==> flow/design.v <==
module ex_compare_v2 #(
   parameter DWIDTH = 12
) (
   input clock,
   input [DWIDTH-1:0] a,
   input [DWIDTH-1:0] b,
   input [DWIDTH-1:0] c,
   output ok
);
   reg [DWIDTH-1:0] a_reg;
   reg [DWIDTH-1:0] b_reg;
   reg [DWIDTH-1:0] c_reg;
   always @(posedge clock) begin
      a_reg <= a;
      b_reg <= b;
      c_reg <= c;
   end
   assign ok = (a_reg >= b_reg) && (a_reg <= c_reg);
endmodule
# Tool chain data of ex_compare_v2
# A sweep over "DWIDTH": the same steps for each member of the family.
# The RTL above is that of DWIDTH=12; lines are counted from 1 in the file of the member named.
# Library cell names are shortened.
# The mark -- stands for no value.
dict set report inputs {
  top_module {ex_compare_v2}
  clock_port {clock}
  library {sky130hd}
  pvt_corner {tt_025C_1v80}
}

# Source of the members
# New or changed lines of each further member against the RTL above, in its own file; lines it lacks are not shown.
# DWIDTH line_no
set src_changes {}
lappend src_changes {16 2} ;# parameter DWIDTH = 16
lappend src_changes {20 2} ;# parameter DWIDTH = 20
lappend src_changes {24 2} ;# parameter DWIDTH = 24
lappend src_changes {48 2} ;# parameter DWIDTH = 48
lappend src_changes {64 2} ;# parameter DWIDTH = 64

# After elaboration
# Yosys after proc, flatten, opt, wreduce and memory -nomap, before mapping. Enables and synchronous resets that opt folds into registers are not counted as muxes. Memory bits, and registers merged into a memory's read port (data or address), are not among the register bits. Print and check cells are not counted. Equal cells are merged and count once.
# DWIDTH out_inout_bits register_bits
set bits {}
lappend bits {12 1 36}
lappend bits {16 1 48}
lappend bits {20 1 60}
lappend bits {24 1 72}
lappend bits {48 1 144}
lappend bits {64 1 192}
# DWIDTH reduce_logical cmp
set classes {}
lappend classes {12 1 2}
lappend classes {16 1 2}
lappend classes {20 1 2}
lappend classes {24 1 2}
lappend classes {48 1 2}
lappend classes {64 1 2}
# DWIDTH operators
set ops {}
lappend ops {12 {greater-or-equal comparator 12 bit (1); less-or-equal comparator 12 bit (1); logical AND 1 bit (1)}}
lappend ops {16 {greater-or-equal comparator 16 bit (1); less-or-equal comparator 16 bit (1); logical AND 1 bit (1)}}
lappend ops {20 {greater-or-equal comparator 20 bit (1); less-or-equal comparator 20 bit (1); logical AND 1 bit (1)}}
lappend ops {24 {greater-or-equal comparator 24 bit (1); less-or-equal comparator 24 bit (1); logical AND 1 bit (1)}}
lappend ops {48 {greater-or-equal comparator 48 bit (1); less-or-equal comparator 48 bit (1); logical AND 1 bit (1)}}
lappend ops {64 {greater-or-equal comparator 64 bit (1); less-or-equal comparator 64 bit (1); logical AND 1 bit (1)}}

# Longest topological paths
# Longest topological path by Yosys (ltp), each cell counted once; first at word level (registers and memories cut), then after technology mapping (sequential cells cut; the memories' decode and read muxes count).
# DWIDTH ltp_word ABC_AREA mapped_depth depth_no_buf
set logic_depth {}
lappend logic_depth {12 2 0 7 7}
lappend logic_depth {16 2 0 7 7}
lappend logic_depth {20 2 0 7 7}
lappend logic_depth {24 2 0 8 8}
lappend logic_depth {48 2 0 8 8}
lappend logic_depth {64 2 0 9 9}

# Netlist
# Yosys stat after the flow's synthesis: flattened, memories mapped to cells. It holds for the ABC_AREA given above (unset counts as 0); a run with the other value may have another netlist.
# DWIDTH mapped_area_um2 flip_flops cells buffers
set synth_totals {}
lappend synth_totals {12 1311.3 36 118 0}
lappend synth_totals {16 1767.9 48 158 0}
lappend synth_totals {20 2213.4 60 200 0}
lappend synth_totals {24 2625.0 72 235 0}
lappend synth_totals {48 5355.1 144 487 0}
lappend synth_totals {64 7073.0 192 639 0}
# DWIDTH cell_types
set types {}
lappend types {12 {dfxtp_1 (36); ha_1 (24); inv_1 (25); a21oi_1 (7); a21o_1 (4); nand4_1 (3); nor2_1 (4); nand4_2 (1); nand2_1 (3); a221o_1 (1); nand3_1 (2); o21ai_0 (2); a2bb2oi_1 (1); a211oi_1 (1); o211ai_1 (1); or4_1 (1); nand2b_1 (1); o22ai_1 (1)}}
lappend types {16 {dfxtp_1 (48); ha_1 (32); inv_1 (32); a21oi_1 (11); nand4_4 (2); nand2_1 (7); o21ai_0 (5); nand4_1 (3); nor2b_1 (2); nor4_1 (2); a2111o_1 (1); nor2_1 (3); nand3_1 (2); o211a_1 (1); o32a_1 (1); a221oi_1 (1); a211oi_1 (1); nor3b_1 (1); [+3]}}
lappend types {20 {dfxtp_1 (60); ha_1 (40); inv_1 (40); a21oi_1 (13); and4_1 (5); nand2_1 (11); a21o_1 (4); o21ai_0 (5); nand2b_1 (3); a21o_2 (2); nand4_1 (2); nor4_2 (1); nand3_1 (2); or4b_1 (1); a211o_1 (1); a221oi_1 (1); a32oi_1 (1); o2111ai_1 (1); [+7]}}
lappend types {24 {dfxtp_1 (72); ha_1 (48); inv_1 (47); a21oi_1 (16); a21o_1 (5); nand4_1 (6); nand2_1 (9); nand4_2 (2); nand3_1 (4); o21ai_0 (4); nor2_1 (5); a2111oi_0 (2); a211oi_1 (2); o211ai_1 (2); nor4_2 (1); a221o_1 (1); a211o_1 (1); a221oi_1 (1); [+7]}}
lappend types {48 {dfxtp_1 (144); ha_1 (96); inv_1 (97); a21oi_1 (39); nand2_1 (25); nand4_1 (12); nand4_2 (5); a21o_1 (7); nand3_1 (10); o21ai_0 (9); a221oi_1 (5); and4_1 (3); nor4_2 (2); nor4_4 (1); and3_1 (3); nor3_4 (1); a211oi_1 (2); nor2_1 (4); [+22]}}
lappend types {64 {dfxtp_1 (192); ha_1 (128); inv_1 (129); a21oi_1 (41); nand4_1 (20); a21o_1 (15); nand2_1 (26); nand3_1 (14); o21ai_0 (10); a211oi_1 (6); nor2_1 (12); nand4_2 (3); and4_1 (4); a221o_1 (3); a2111o_1 (2); o211ai_1 (3); nor4_4 (1); nor2b_1 (3); [+27]}}
# The mark [+n] counts cells that are not listed.

# Path before layout
# Path of least setup slack by OpenSTA after synthesis, without wires, with an ideal clock, recovery checks aside; 20% of the period is set as input and as output delay. Where synthesis merged equal registers, the netlist keeps one of their names.
# DWIDTH kind start end path_delay_ns stages tclk_ns setup_slack_ns synth_period_reached_ns
set synth_timing {}
lappend synth_timing {12 reg2out {reg c_reg[9]} {out ok} 1.475 6 2.3 0.365 1.935}
lappend synth_timing {16 reg2out {reg c_reg[1]} {out ok} 1.454 8 2.27 0.362 1.908}
lappend synth_timing {20 reg2out {reg b_reg[17]} {out ok} 1.690 7 2.64 0.422 2.218}
lappend synth_timing {24 reg2out {reg c_reg[21]} {out ok} 1.763 8 2.75 0.437 2.313}
lappend synth_timing {48 reg2out {reg c_reg[29]} {out ok} 1.636 9 2.56 0.412 2.148}
lappend synth_timing {64 reg2out {reg c_reg[17]} {out ok} 1.955 10 3.05 0.485 2.565}
# "path_delay_ns" = arrival - input delay + setup time.
# A path that ends at an output port has no setup time.
# "stages" counts driving pins, that of a launching flip-flop among them; a cell with two outputs on the path counts twice.
# "synth_period_reached_ns" is the clock period less the worst setup slack; recovery checks do not enter. This is arithmetic on one report: input and output delays are still those of the set period (20% each).
# Between the ends stands the longest chain of elaborated cells between them, by number of cells; it is not shown to be the way that was timed. Of several equally long chains one is given.
# A line is the first line of the expression or statement that the cell stems from. Yosys adds cells for indexed reads and writes and turns some case tables into memories.
dict set report synth_between_DWIDTH_12 {
  elab_chain_cells 2
}
# element line_no
set synth_lines_DWIDTH_12 {}
lappend synth_lines_DWIDTH_12 {{start: declaration} 12} ;# reg [DWIDTH-1:0] c_reg;
lappend synth_lines_DWIDTH_12 {{start: assignment} 16} ;# c_reg <= c;
lappend synth_lines_DWIDTH_12 {{less-or-equal comparator 12 bit} 18} ;# assign ok = (a_reg >= b_reg) && (a_reg <= c_reg);
lappend synth_lines_DWIDTH_12 {{logical AND 1 bit} 18}
lappend synth_lines_DWIDTH_12 {{end: declaration} 8} ;# output ok
dict set report synth_between_DWIDTH_64 {
  elab_chain_cells 2
}
# element line_no
set synth_lines_DWIDTH_64 {}
lappend synth_lines_DWIDTH_64 {{start: declaration} 12} ;# reg [DWIDTH-1:0] c_reg;
lappend synth_lines_DWIDTH_64 {{start: assignment} 16} ;# c_reg <= c;
lappend synth_lines_DWIDTH_64 {{less-or-equal comparator 64 bit} 18} ;# assign ok = (a_reg >= b_reg) && (a_reg <= c_reg);
lappend synth_lines_DWIDTH_64 {{logical AND 1 bit} 18}
lappend synth_lines_DWIDTH_64 {{end: declaration} 8} ;# output ok

# Path in the finished layout
# From the final timing report of the run of each member: the path of least setup slack in the routed layout; clock arrival at registers is part of the times.
# DWIDTH kind start end stages setup_slack_ns arrival_ns tclk_ns n_path_buf
set layout_timing {}
lappend layout_timing {12 reg2out {reg a_reg[6]} {out ok} 8 -0.05 1.89 2.3 2}
lappend layout_timing {16 reg2out {reg c_reg[1]} {out ok} 9 -0.11 1.93 2.27 1}
lappend layout_timing {20 reg2out {reg b_reg[18]} {out ok} 8 -0.09 2.21 2.64 1}
lappend layout_timing {24 reg2out {reg a_reg[20]} {out ok} 8 -0.01 2.21 2.75 1}
lappend layout_timing {48 reg2out {reg c_reg[45]} {out ok} 11 -0.26 2.31 2.56 3}
lappend layout_timing {64 reg2out {reg b_reg[17]} {out ok} 11 -0.22 2.66 3.05 1}

# Flow runs
# Settings and results of one run of the flow (Yosys, OpenROAD) for each member follow. The constraints put input and output delay at 20% of the set period each and load the outputs with 0.01 pF.
dict set report settings {
  CAP_MARGIN 20
  CORE_MARGIN 2
  CORE_UTILIZATION 40
  SLEW_MARGIN 20
}
# DWIDTH period_ns
set settings_diff {}
lappend settings_diff {12 2.3}
lappend settings_diff {16 2.27}
lappend settings_diff {20 2.64}
lappend settings_diff {24 2.75}
lappend settings_diff {48 2.56}
lappend settings_diff {64 3.05}
# DWIDTH final_setup_tns_ns finish.stdcell_area_um2 final_hold_ws_ns achieved_period_ns power.total_uw yosys.chip_area_um2 finish.utilization_pct timing.setup.ws_ns design_die_area_um2
set results {}
lappend results {12 -0.049 2059.5 0.542 2.349 1304 1311.3 66.9 -0.049 3752.2}
lappend results {16 -0.112 2632.5 0.594 2.382 1765 1767.9 61.3 -0.112 4967.4}
lappend results {20 -0.094 3333.2 0.634 2.734 2108 2213.4 61.3 -0.094 6144.2}
lappend results {24 -0.009 3997.6 0.642 2.759 2491 2625.0 63.0 -0.009 7226.7}
lappend results {48 -0.263 8047.7 0.526 2.823 5412 5355.1 61.3 -0.263 14329.3}
lappend results {64 -0.215 10541.4 0.617 3.265 5584 7073.0 60.9 -0.215 18762.2}
# "achieved_period_ns": clock period set for the run, less the worst setup slack. It is reckoned from that one timing run; input and output delays stay at 20% of the period that was set.
# "power.total_uw" rests on the timing tool's default activity at the inputs, not on a simulated workload.
